==> flow/design.v <==
module gen_diff_unit (clk, reset, i_x, i_y, o_q, o_diff);
    parameter XLEN = 112;
    input clk;
    input reset;
    input [XLEN-1:0] i_x;
    input [XLEN-1:0] i_y;
    output [XLEN:0] o_q;
    output [XLEN:0] o_diff;
    reg [XLEN-1:0] x_reg;
    reg [XLEN-1:0] y_reg;
    always @(posedge clk) begin
        if (reset) begin
            x_reg <= 0;
            y_reg <= 0;
        end else begin
            x_reg <= i_x;
            y_reg <= i_y;
        end
    end
    assign o_q = x_reg + y_reg;
    assign o_diff = x_reg - y_reg;
endmodule
[Tool chain data of gen_diff_unit]
Tool output for the design above, in the order of the flow.
Line numbers count from 1 in the design file above.
Library cell names are shortened.
A cell with -- has no value.
Set-up
  top module: gen_diff_unit
  clock input: clk
  standard-cell library: sky130hd
  timing corner: tt_025C_1v80

[Word level]
Yosys after proc, flatten, opt, wreduce and memory -nomap, before mapping. Enables and synchronous resets that opt folds into registers are not counted as muxes. Memory bits, and registers merged into a memory's read port (data or address), are not among the register bits. Print and check cells are not counted. Equal cells are merged and count once.
Bit counts
  input port bits: 226
  output and inout port bits: 226
  elaborated cells: 4
  flip-flop bits (word level): 224
Operators by class
  add/subtract/negate cells: 2
Operators by type and width (count)
  adder 112 x 112 -> 113 bit: 1
  subtractor 112 x 112 -> 113 bit: 1

[Logic depth]
Yosys ltp: most cells in a row. Word level: on the elaborated netlist, between registers, memories and ports. Mapped: between sequential cells and ports; inverters and the memories' decode and read muxes count.
Logic depth
  depth after elaboration: 1
  ABC_AREA: 0
  depth in mapped cells: 15
  depth with buffers taken out: 14

[Netlist]
Yosys stat after the flow's synthesis: flattened, memories mapped to cells. It holds for the ABC_AREA given above (unset counts as 0); a run with the other value may have another netlist.
Totals and module areas in this step are rounded.
Synthesis totals
  flip-flops: 224
  standard cells after synthesis: 2851
  buffers: 136
  synthesis area: 20930 um^2
  area of sequential cells: 4484 um^2
Cell types
  dfxtp_1: count 224, area in all 4.48E+03 um^2
  ha_1: count 224, area in all 2.8E+03 um^2
  xnor2_1: count 210, area in all 1.84E+03 um^2
  nor2b_1: count 260, area in all 1626.56 um^2
  a21oi_1: count 315, area in all 1.58E+03 um^2
  inv_1: count 240, area in all 900.864 um^2
  nor2_1: count 223, area in all 837.053 um^2
  o21ai_0: count 126, area in all 630.605 um^2
  nand2_1: count 159, area in all 596.822 um^2
  o21bai_1: count 77, area in all 578.054 um^2
  nand4_1: count 79, area in all 494.224 um^2
  o31ai_1: count 59, area in all 442.925 um^2
  nor4_1: count 70, area in all 437.92 um^2
  clkbuf_1: count 110, area in all 412.896 um^2
  a21o_1: count 38, area in all 285.274 um^2
  nor3_1: count 50, area in all 250.24 um^2
  nand3_1: count 45, area in all 225.216 um^2
  a31oi_1: count 27, area in all 168.912 um^2
Not listed: further types 63, cells in them 315.

[Path before layout]
OpenSTA on the mapped netlist: ideal clock, no wires. The path of least setup slack (recovery checks aside). Input and output delay are each 20% of the period. Register names are those of the netlist, which keeps one name where synthesis merged equal registers.
Path after synthesis
  kind: reg2out
  start point: register y_reg[8]
  end point: output o_q[109]
  delay of the path: 3609 ps
  output delay: 1128 ps
  required time: 4512 ps
  driving pins on the path: 15
  path buffers: 1
  slack: 903 ps
  period: 5640 ps
  arrival time: 3609 ps
  launch time at the first pin: 0 ps
  period reached after synthesis: 4737 ps
"delay of the path" = arrival - input delay + setup time.
A path that ends at an output port has no setup time.
"driving pins on the path" counts driving pins, that of a launching flip-flop among them; a cell with two outputs on the path counts twice.
"period reached after synthesis" is the clock period less the worst setup slack; recovery checks do not enter. This is arithmetic on one report: input and output delays are still those of the set period (20% each).
The rows between start and end are the longest chain of elaborated cells between them; the timing report does not say that the signal goes this way. Where chains are equally long, one stands for them.
A line is the first line of the expression or statement that the cell stems from. Yosys adds cells for indexed reads and writes and turns some case tables into memories.
Between the ends, after synthesis
  cell sequence: dfxtp_1 -> inv_1 -> ha_1 -> buf_2 -> or3_1 -> or3_4 -> a2111oi_4 -> o311ai_1 -> a31oi_1 -> o21ai_1 -> o31a_1 -> o31a_1 -> o31ai_4 -> a41oi_1 -> xnor2_1
  cells in the longest elaborated chain: 1
  elaborated cells between the ends (all ways): 1
  RTL lines with such cells: 1
  classes of those cells: add/sub: 1
RTL lines, path after synthesis
  from (decl): RTL line 10  | reg [XLEN-1:0] y_reg;
  from (assign): RTL line 14  | y_reg <= 0;
  from (assign): RTL line 17  | y_reg <= i_y;
  adder 112 x 112 -> 113 bit: RTL line 20  | assign o_q = x_reg + y_reg;
  to (decl): RTL line 7  | output [XLEN:0] o_q;

[Timing after layout]
From the final timing report of flow run A: the path of least setup slack in the routed layout; clock arrival at registers is part of the times.
The path's times are printed in steps of 10 ps; the period is the one set.
Path after layout
  kind: reg2out
  start point: register y_reg[3]
  end point: output o_q[107]
  arrival time: 4530 ps
  output delay: 1130 ps
  path buffers: 5
  slack: -20 ps
  launch time at the first pin: 600 ps
  period: 5640 ps
  driving pins on the path: 19
  required time: 4510 ps
The rows between start and end are the longest chain of elaborated cells between them; the timing report does not say that the signal goes this way. Where chains are equally long, one stands for them.
Between the ends, after layout
  cell sequence: dfxtp_1 -> inv_1 -> ha_4 -> buf_4 -> nor2_2 -> a221oi_2 -> buf_4 -> a21oi_1 -> a211oi_4 -> o41ai_4 -> buf_4 -> o311ai_4 -> a2111oi_4 -> o21ai_4 -> o211ai_1 -> buf_4 -> a31oi_1 -> xnor2_1 -> buf_2
  cells in the longest elaborated chain: 1
  elaborated cells between the ends (all ways): 1
  RTL lines with such cells: 1
  classes of those cells: add/sub: 1
RTL lines, path after layout
  from (decl): RTL line 10  | reg [XLEN-1:0] y_reg;
  from (assign): RTL line 14  | y_reg <= 0;
  from (assign): RTL line 17  | y_reg <= i_y;
  adder 112 x 112 -> 113 bit: RTL line 20  | assign o_q = x_reg + y_reg;
  to (decl): RTL line 7  | output [XLEN:0] o_q;

gen_diff_unit through Yosys and OpenROAD on sky130hd: 2 stored runs, unordered, with their settings and measured results. The constraints put input and output delay at 20% of the set period each and load the outputs with 0.01 pF.
"achieved period" means the clock period less the worst setup slack. The figure is calculated, with input and output delays left at 20% of the set period.
"worst setup path time" is the time allowed to the run's worst setup path (the clock period less input and output delay, where it has them) less its slack. Clock arrival times count: a late capture clock shortens it, a late launch clock lengthens it.
"total power after layout" is the tool's figure for a default switching activity; nothing was simulated.
"worst setup path time" is given in steps of 10 ps.
The measured numbers are rounded.

==> flow run A: settings <==
{ "period_ns": 5.64, "CAP_MARGIN": 20, "CORE_MARGIN": 2, "CORE_UTILIZATION": 40, "SLEW_MARGIN": 20 }
==> flow run A: results <==
total power after layout: 6867 uW
chip area in the Yosys report: 20930 um^2
final design utilization: 0.578
setup slack of the worst path: -16 ps
die area: 54170 um^2
lowest hold slack: 969 ps
achieved period: 5656 ps
worst setup path time: 4530 ps
class of the worst setup path: reg2out

==> flow run B: settings <==
{ "period_ns": 7.89, "CORE_UTILIZATION": 37, "SETUP_SLACK_MARGIN": -0.3, "PLACE_DENSITY": 0.52, "CORE_ASPECT_RATIO": 0.67, "CELL_PAD_IN_SITES_GLOBAL_PLACEMENT": 0, "CELL_PAD_IN_SITES_DETAIL_PLACEMENT": 1, "GPL_TIMING_DRIVEN": 1, "GPL_ROUTABILITY_DRIVEN": 1, "CTS_CLUSTER_DIAMETER": 116, "MIN_ROUTING_LAYER": "met2", "MAX_ROUTING_LAYER": "met5", "CAP_MARGIN": 20, "CORE_MARGIN": 2, "SLEW_MARGIN": 20 }
==> flow run B: results <==
incomplete, routing halted on GRT-0116
